==> flow/design.v <==
module alu_shift_p #(
    parameter int WIDTH = 14,
    parameter int LG = $clog2(WIDTH)
) (
    input  logic clk_i,
    input  logic [WIDTH-1:0] val,
    input  logic [LG-1:0] amt,
    input  logic [1:0] mode,
    output logic [WIDTH-1:0] o
);
    logic [WIDTH-1:0] tmp;
    always_comb begin
        case (mode)
            2'b00: tmp = val << amt;
            2'b01: tmp = val >> amt;
            2'b10: tmp = $signed(val) >>> amt;
            default: tmp = val;
        endcase
    end
    logic [WIDTH-1:0] o_q;
    always_ff @(posedge clk_i) begin
        o_q <= tmp;
    end
    assign o = o_q;
endmodule
Ticket comment

Tool chain data of alu_shift_p:

Tool output for the members of one design family, told apart by "WIDTH", in the order of the flow.
The RTL above is that of WIDTH 14; lines are counted from 1 in the file of the member named.
Operators carry their Yosys type and port widths (W data, S select, Z words).
Cell names lack the library's common part.
The mark - stands for no value.

* top: alu_shift_p
* clock input: clk_i
* cell library: sky130hd
* library corner: tt_025C_1v80

Source of the members:

Lines of each other member's file that are new or changed against the file above; lines that a member lacks are not shown.

Lines new or changed
* WIDTH 16: RTL line 2 `parameter int WIDTH = 16,`
* WIDTH 56: RTL line 2 `parameter int WIDTH = 56,`

Elaborated design:

Source: Yosys, flattened and elaborated, memories not mapped. Widths are those after wreduce; folded enables and synchronous resets count as part of the registers. Registers that Yosys merges into a memory's read port (data or address) are not register bits. Print and check cells do not count. Equal cells are merged and count once.

Storage and ports
* WIDTH 14: register bits 14, bits of input ports 21, output and inout port bits 14, cells after elaboration 8
* WIDTH 16: register bits 16, bits of input ports 23, output and inout port bits 16, cells after elaboration 8
* WIDTH 56: register bits 56, bits of input ports 65, output and inout port bits 56, cells after elaboration 8

Cells by class
* WIDTH 14: eq/ne operators 2, shift-type cells 3, muxes and demuxes 1, reductions and logical operators 1
* WIDTH 16: eq/ne operators 2, shift-type cells 3, muxes and demuxes 1, reductions and logical operators 1
* WIDTH 56: eq/ne operators 2, shift-type cells 3, muxes and demuxes 1, reductions and logical operators 1

Operator list (kinds with counts)
* WIDTH 14: $pmux W14 S3: 1; $shl A14 B4 Y14: 1; $shr A14 B4 Y14: 1; $sshr A14 B4 Y14: 1; $eq A2 B1 Y1 const B: 1; $eq A2 B2 Y1 const B: 1; $logic_not A2 Y1: 1
* WIDTH 16: $pmux W16 S3: 1; $shl A16 B4 Y16: 1; $shr A16 B4 Y16: 1; $sshr A16 B4 Y16: 1; $eq A2 B1 Y1 const B: 1; $eq A2 B2 Y1 const B: 1; $logic_not A2 Y1: 1
* WIDTH 56: $pmux W56 S3: 1; $shl A56 B6 Y56: 1; $shr A56 B6 Y56: 1; $sshr A56 B6 Y56: 1; $eq A2 B1 Y1 const B: 1; $eq A2 B2 Y1 const B: 1; $logic_not A2 Y1: 1

Depth:

Longest topological path by Yosys (ltp), each cell counted once; first at word level (registers and memories cut), then after technology mapping (sequential cells cut; the memories' decode and read muxes count).

Logic depth
* WIDTH 14: depth in word-level cells 2, ABC_AREA 0, gate-level depth with buffers 8, gate-level depth less buffers 5
* WIDTH 16: depth in word-level cells 2, ABC_AREA 0, gate-level depth with buffers 8, gate-level depth less buffers 5
* WIDTH 56: depth in word-level cells 2, ABC_AREA 0, gate-level depth with buffers 12, gate-level depth less buffers 6

Synthesis result:

Source: synth_stat.txt of the flow (Yosys; design flattened, memories mapped). It holds for the ABC_AREA given above (unset counts as 0); a run with the other value may have another netlist.
Totals and module areas in this step are rounded.

Mapped netlist
* WIDTH 14: cells in the netlist 217, mapped area 0.00182 mm^2, sequential area 0.00028 mm^2, flip-flops 14, buffer cells 21
* WIDTH 16: cells in the netlist 243, mapped area 0.00214 mm^2, sequential area 0.00032 mm^2, flip-flops 16, buffer cells 25
* WIDTH 56: cells in the netlist 1152, mapped area 0.00982 mm^2, sequential area 0.00112 mm^2, flip-flops 56, buffer cells 124

Cells by type (type and count)
* WIDTH 14: dfxtp_1: 14; mux2i_1: 27; mux4_2: 4; nor2_1: 23; o21ai_0: 16; mux4_1: 3; nand2_1: 21; mux2_2: 6; a21oi_1: 11; buf_2: 10; mux2i_4: 2; nand2b_1: 5; a221oi_2: 2; buf_4: 4; mux2_4: 2; nor3_1: 6; o211ai_1: 4; buf_6: 2; [+55]
* WIDTH 16: dfxtp_1: 16; mux2i_1: 24; mux4_1: 8; mux4_2: 8; nor2_1: 30; mux2_2: 7; a211oi_1: 9; o21ai_0: 13; nand2_1: 14; o221ai_1: 5; a21oi_1: 8; o211ai_1: 5; buf_6: 3; a31oi_1: 5; buf_2: 6; clkbuf_1: 8; nor3_1: 6; nand2b_4: 2; [+66]
* WIDTH 56: mux4_2: 99; mux2i_1: 114; dfxtp_1: 56; mux2_2: 55; nor2_1: 149; nand2_1: 99; a21oi_1: 63; o21ai_0: 63; clkbuf_1: 57; o22ai_1: 28; buf_2: 29; nor3_1: 29; a211oi_1: 19; o211ai_1: 18; mux4_1: 5; nand3_1: 21; o221ai_1: 12; buf_6: 9; [+227]

A list marked [+n] leaves out that many cells.

Timing after synthesis:

OpenSTA on the mapped netlist: ideal clock, no wires. The path of least setup slack (recovery checks aside). Input and output delay are each 20% of the period. Register names are those of the netlist, which keeps one name where synthesis merged equal registers.

Timing path after synthesis
* WIDTH 14: path type in2reg, start in amt[0], end reg o_q[3], clock period 2.09 ns, path slack 0.337 ns, stages on the path 7, delay of the path 1.335 ns, synthesis period reached 1.753 ns
* WIDTH 16: path type in2reg, start in amt[0], end reg o_q[15], clock period 2.1 ns, path slack 0.339 ns, stages on the path 6, delay of the path 1.341 ns, synthesis period reached 1.761 ns
* WIDTH 56: path type in2reg, start in amt[2], end reg o_q[49], clock period 3.17 ns, path slack 0.508 ns, stages on the path 9, delay of the path 2.028 ns, synthesis period reached 2.662 ns

"delay of the path" is the arrival time less input delay plus setup time.
"stages on the path": output pins that drive a net of the path, with the launching flip-flop's if there is one; two outputs of one cell count as two.
"synthesis period reached" is the clock period less the worst setup slack; recovery checks do not enter. This is arithmetic on one report: input and output delays are still those of the set period (20% each).
The rows between start and end are the longest chain of elaborated cells between them; the timing report does not say that the signal goes this way. Where chains are equally long, one stands for them.
Each line given opens the expression or statement behind the cell; cells for indexed reads and writes are added by Yosys, which also makes memories of some case tables.

On the way, after synthesis, WIDTH 14:
* cells in the longest elaborated chain: 2

RTL lines, path after synthesis, WIDTH 14
* start: declaration: RTL line 7 `input  logic [LG-1:0] amt,`
* $sshr A14 B4 Y14: RTL line 16 `2'b10: tmp = $signed(val) >>> amt;`
* $pmux W14 S3: RTL line 13 `case (mode)`
* end: assignment: RTL line 22 `o_q <= tmp;`
* end: declaration: RTL line 20 `logic [WIDTH-1:0] o_q;`

On the way, after synthesis, WIDTH 56:
* cells in the longest elaborated chain: 2

RTL lines, path after synthesis, WIDTH 56
* start: declaration: RTL line 7 `input  logic [LG-1:0] amt,`
* $sshr A56 B6 Y56: RTL line 16 `2'b10: tmp = $signed(val) >>> amt;`
* $pmux W56 S3: RTL line 13 `case (mode)`
* end: assignment: RTL line 22 `o_q <= tmp;`
* end: declaration: RTL line 20 `logic [WIDTH-1:0] o_q;`

Timing after layout:

From the final timing report of the run of each member: the path of least setup slack in the routed layout; clock arrival at registers is part of the times.

Timing path post-layout
* WIDTH 14: path type in2reg, start in mode[1], end reg o_q[3], clock period 2.09 ns, path slack 0.06 ns, stages on the path 6, data arrival time 2.22 ns, path buffers 1
* WIDTH 16: path type in2reg, start in val[5], end reg o_q[6], clock period 2.1 ns, path slack 0.03 ns, stages on the path 5, data arrival time 2.18 ns, path buffers 1
* WIDTH 56: path type in2reg, start in val[28], end reg o_q[43], clock period 3.17 ns, path slack -0.07 ns, stages on the path 11, data arrival time 3.44 ns, path buffers 5

Measured runs:

Settings and results of one run of the flow (Yosys, OpenROAD) for each member follow. The constraints put input and output delay at 20% of the set period each and load the outputs with 0.01 pF.

* CAP_MARGIN: 20
* CORE_MARGIN: 2
* CORE_UTILIZATION: 40
* SLEW_MARGIN: 20

Settings that differ (period_ns)
* WIDTH 14: 2.09
* WIDTH 16: 2.1
* WIDTH 56: 3.17

Measured results
* WIDTH 14: post-synthesis cell area 0.00182 mm^2, die footprint 0.0051 mm^2, standard-cell area after layout 0.00263 mm^2, final utilization 60.4%, lowest setup slack 0.062 ns, setup TNS 0.000 ns, post-route worst hold slack 0.908 ns, power consumption 1.17 mW, period reached 2.028 ns
* WIDTH 16: post-synthesis cell area 0.00214 mm^2, die footprint 0.00595 mm^2, standard-cell area after layout 0.00323 mm^2, final utilization 62.9%, lowest setup slack 0.026 ns, setup TNS 0.000 ns, post-route worst hold slack 0.799 ns, power consumption 1.30 mW, period reached 2.074 ns
* WIDTH 56: post-synthesis cell area 0.00982 mm^2, die footprint 0.0258 mm^2, standard-cell area after layout 0.0136 mm^2, final utilization 56.4%, lowest setup slack -0.067 ns, setup TNS -0.067 ns, post-route worst hold slack 0.848 ns, power consumption 4.22 mW, period reached 3.237 ns

"period reached": clock period set for the run, less the worst setup slack. It is reckoned from that one timing run; input and output delays stay at 20% of the period that was set.
By "power consumption" is meant OpenSTA's value without simulated activity: inputs other than the clock are taken to toggle once in ten clock periods, and the tool carries that through the logic.
The results are shown rounded.
